==> flow/design.v <==
module my_selector_p #(
    parameter int DW = 1,
    parameter int NIN = 12
) (
    input  logic CLK,
    input  logic [NIN*DW-1:0] val_i,
    input  logic [NIN-1:0] pick_i,
    output logic [DW-1:0] y_o
);
    logic [NIN*DW-1:0] val_ff;
    always_ff @(posedge CLK) begin
        val_ff <= val_i;
    end
    logic [NIN-1:0] pick_ff;
    always_ff @(posedge CLK) begin
        pick_ff <= pick_i;
    end
    logic [DW-1:0] tmp;
    always_comb begin
        tmp = '0;
        for (int k = 0; k < NIN; k++)
            tmp = tmp | (val_ff[k*DW +: DW] & {DW{pick_ff[k]}});
    end
    always_ff @(posedge CLK) begin
        y_o <= tmp;
    end
endmodule
Ticket comment

## Step by step through the tools: my_selector_p

A sweep over "DW": the same steps for each member of the family.
The RTL above is that of DW 1; lines are counted from 1 in the file of the member named.
Cell names lack the library's common part.
A cell with - has no value.

- Top: my_selector_p
- Clock port: CLK
- Cell library: sky130hd
- Library corner: tt_025C_1v80

## Members of the sweep

New or changed lines of each further member against the RTL above, in its own file; lines it lacks are not shown.

Lines new or changed:

| DW | line | source |
|---|---|---|
| 3 | 2 | `parameter int DW = 3,` |
| 12 | 2 | `parameter int DW = 12,` |
| 24 | 2 | `parameter int DW = 24,` |

## Word level

Counts by Yosys on the flattened word-level netlist (proc, flatten, opt, wreduce; memories kept). Register bits leave out memories and registers merged into their read ports (data or address); mux counts leave out enables and synchronous resets folded into registers. Print and check cells are left out. Cells with the same type and inputs are merged into one.

Bit counts:

| DW | bits in registers | latch bits | RAM bits | memory bits (read-only) | clocked read ports x word width | memory cells | cells after elaboration |
|---|---|---|---|---|---|---|---|
| 1 | 25 | 0 | 0 | 0 | 0 | 0 | 26 |
| 3 | 51 | 0 | 0 | 0 | 0 | 0 | 26 |
| 12 | 168 | 0 | 0 | 0 | 0 | 0 | 26 |
| 24 | 324 | 0 | 0 | 0 | 0 | 0 | 26 |

Operators by class:

| DW | add/subtract/negate cells | $mul | divide/modulo/power cells | magnitude comparators | equal/unequal tests | shift-type cells | muxes and demuxes | bitwise logic cells | reductions and logical operators |
|---|---|---|---|---|---|---|---|---|---|
| 1 | 0 | 0 | 0 | 0 | 0 | 0 | 0 | 23 | 0 |
| 3 | 0 | 0 | 0 | 0 | 0 | 0 | 0 | 23 | 0 |
| 12 | 0 | 0 | 0 | 0 | 0 | 0 | 0 | 23 | 0 |
| 24 | 0 | 0 | 0 | 0 | 0 | 0 | 0 | 23 | 0 |

Operators with widths:

| DW | kinds with counts |
|---|---|
| 1 | 1-bit AND (12); 1-bit bitwise OR (11) |
| 3 | 3-bit AND (12); 3-bit bitwise OR (11) |
| 12 | 12-bit AND (12); 12-bit bitwise OR (11) |
| 24 | 24-bit AND (12); 24-bit bitwise OR (11) |

## Logic depth

Longest topological path by Yosys (ltp), each cell counted once; first at word level (registers and memories cut), then after technology mapping (sequential cells cut; the memories' decode and read muxes count).

Depth:

| DW | word-level depth | ABC_AREA | depth in mapped cells | gate-level depth less buffers |
|---|---|---|---|---|
| 1 | 12 | 0 | 3 | 3 |
| 3 | 12 | 0 | 3 | 3 |
| 12 | 12 | 0 | 4 | 3 |
| 24 | 12 | 0 | 4 | 3 |

## Synthesis result

The flow's flattened synthesis, as Yosys stat reports it; memories are mapped. The netlist is that of the ABC_AREA named above (0 if unset); the other value can give another one.

Cell types:

| DW | type and count |
|---|---|
| 1 | dfxtp_1 (25); a221oi_2 (3); a22o_1 (3); nand3_1 (1) |
| 3 | dfxtp_1 (51); a221oi_1 (9); a22o_1 (9); nand3_1 (3) |
| 12 | dfxtp_1 (168); a22o_1 (32); a221oi_1 (29); a221oi_2 (7); buf_6 (7); nand3_1 (12); a22o_2 (4); buf_2 (4); buf_4 (1) |
| 24 | dfxtp_1 (324); a22o_1 (63); a221oi_1 (61); buf_6 (16); a221oi_2 (11); nand3_1 (24); a22o_2 (9); clkbuf_8 (2); buf_2 (5); buf_4 (1) |

Mapped netlist:

| DW | cells in the netlist | chip area (Yosys) (mm^2) | mapped flip-flops |
|---|---|---|---|
| 1 | 32 | 0.0005768 | 25 |
| 3 | 72 | 0.0011936 | 51 |
| 12 | 264 | 0.004209 | 168 |
| 24 | 516 | 0.0081879 | 324 |

## Path before layout

OpenSTA on the mapped netlist: ideal clock, no wires. The path of least setup slack (recovery checks aside). Input and output delay are each 20% of the period. Register names are those of the netlist, which keeps one name where synthesis merged equal registers.

Path after synthesis:

| DW | kind | start | end | period (ns) | setup slack (ns) | stages | path delay (ns) | synthesis period reached (ns) |
|---|---|---|---|---|---|---|---|---|
| 1 | reg2reg | reg val_ff[5] | reg y_o | 1.08 | 0.217 | 4 | 0.862 | 0.863 |
| 3 | reg2reg | reg pick_ff[3] | reg y_o[0] | 1.13 | 0.225 | 4 | 0.905 | 0.905 |
| 12 | reg2reg | reg pick_ff[5] | reg y_o[8] | 1.3 | 0.258 | 5 | 1.043 | 1.042 |
| 24 | reg2reg | reg pick_ff[3] | reg y_o[6] | 1.36 | 0.269 | 5 | 1.091 | 1.091 |

"path delay" is the arrival time less input delay plus setup time.
"stages": output pins that drive a net of the path, with the launching flip-flop's if there is one; two outputs of one cell count as two.
"synthesis period reached" is the clock period less the worst setup slack; recovery checks do not enter. This is arithmetic on one report: input and output delays are still those of the set period (20% each).
The rows between start and end are the longest chain of elaborated cells between them; the timing report does not say that the signal goes this way. Where chains are equally long, one stands for them.
Each line given opens the expression or statement behind the cell; cells for indexed reads and writes are added by Yosys, which also makes memories of some case tables.

Between the ends, after synthesis, DW 1:
- Cells in the longest elaborated chain: 8

RTL lines, path after synthesis, DW 1:

| item | line | source |
|---|---|---|
| start: declaration | 10 | `logic [NIN*DW-1:0] val_ff;` |
| start: assignment | 12 | `val_ff <= val_i;` |
| 1-bit AND | 22 | `tmp = tmp \| (val_ff[k*DW +: DW] & {DW{pick_ff[k]}});` |
| 1-bit bitwise OR (7 in a row) | 22 |  |
| end: assignment | 25 | `y_o <= tmp;` |
| end: declaration | 8 | `output logic [DW-1:0] y_o` |

Between the ends, after synthesis, DW 24:
- Cells in the longest elaborated chain: 10

RTL lines, path after synthesis, DW 24:

| item | line | source |
|---|---|---|
| start: declaration | 14 | `logic [NIN-1:0] pick_ff;` |
| start: assignment | 16 | `pick_ff <= pick_i;` |
| 24-bit AND | 22 | `tmp = tmp \| (val_ff[k*DW +: DW] & {DW{pick_ff[k]}});` |
| 24-bit bitwise OR (9 in a row) | 22 |  |
| end: assignment | 25 | `y_o <= tmp;` |
| end: declaration | 8 | `output logic [DW-1:0] y_o` |

## Path in the finished layout

Path of least setup slack in the final report of the run of each member (OpenROAD, finished layout, wires in). Where an end is a register, its clock arrival counts in the times.

Path post-layout:

| DW | kind | start | end | period (ns) | setup slack (ns) | stages | data arrival time (ns) |
|---|---|---|---|---|---|---|---|
| 1 | reg2out | reg y_o | out y_o[0] | 1.08 | 0.12 | 2 | 0.75 |
| 3 | reg2reg | reg pick_ff[4] | reg y_o[0] | 1.13 | 0.07 | 4 | 1.28 |
| 12 | reg2reg | reg pick_ff[11] | reg y_o[1] | 1.3 | 0.05 | 5 | 1.63 |
| 24 | reg2out | reg y_o[7] | out y_o[7] | 1.36 | 0.06 | 2 | 1.03 |

## Layout results

Settings and results of one run of the flow (Yosys, OpenROAD) for each member follow. The constraints put input and output delay at 20% of the set period each and load the outputs with 0.01 pF.

- CAP_MARGIN: 20
- CORE_MARGIN: 2
- CORE_UTILIZATION: 40
- SLEW_MARGIN: 20

Settings by member:

| DW | period_ns |
|---|---|
| 1 | 1.08 |
| 3 | 1.13 |
| 12 | 1.3 |
| 24 | 1.36 |

Final reports:

| DW | chip area after synthesis (Yosys) (mm^2) | die outline area (mm^2) | area of the standard cells in the finished layout (mm^2) | utilization in the final report (%) | smallest setup slack (ns) | setup total negative slack (ns) | smallest hold slack (ns) | total power of the final layout (mW) | clock period achieved (ns) |
|---|---|---|---|---|---|---|---|---|---|
| 1 | 0.0005768 | 0.0017619 | 0.0008671 | 65.8 | 0.117 | 0.000 | 0.346 | 1.468 | 0.963 |
| 3 | 0.0011936 | 0.0034369 | 0.0017992 | 64.1 | 0.072 | 0.000 | 0.294 | 2.929 | 1.058 |
| 12 | 0.004209 | 0.0113593 | 0.0066113 | 64.3 | 0.055 | 0.000 | 0.178 | 11.176 | 1.245 |
| 24 | 0.0081879 | 0.0216296 | 0.012776 | 63.3 | 0.059 | 0.000 | 0.162 | 20.552 | 1.301 |

"clock period achieved" is the run's clock period less its worst setup slack. It is reckoned from that one timing run; input and output delays stay at 20% of the period that was set.
"total power of the final layout" is the tool's figure for a default switching activity; nothing was simulated.
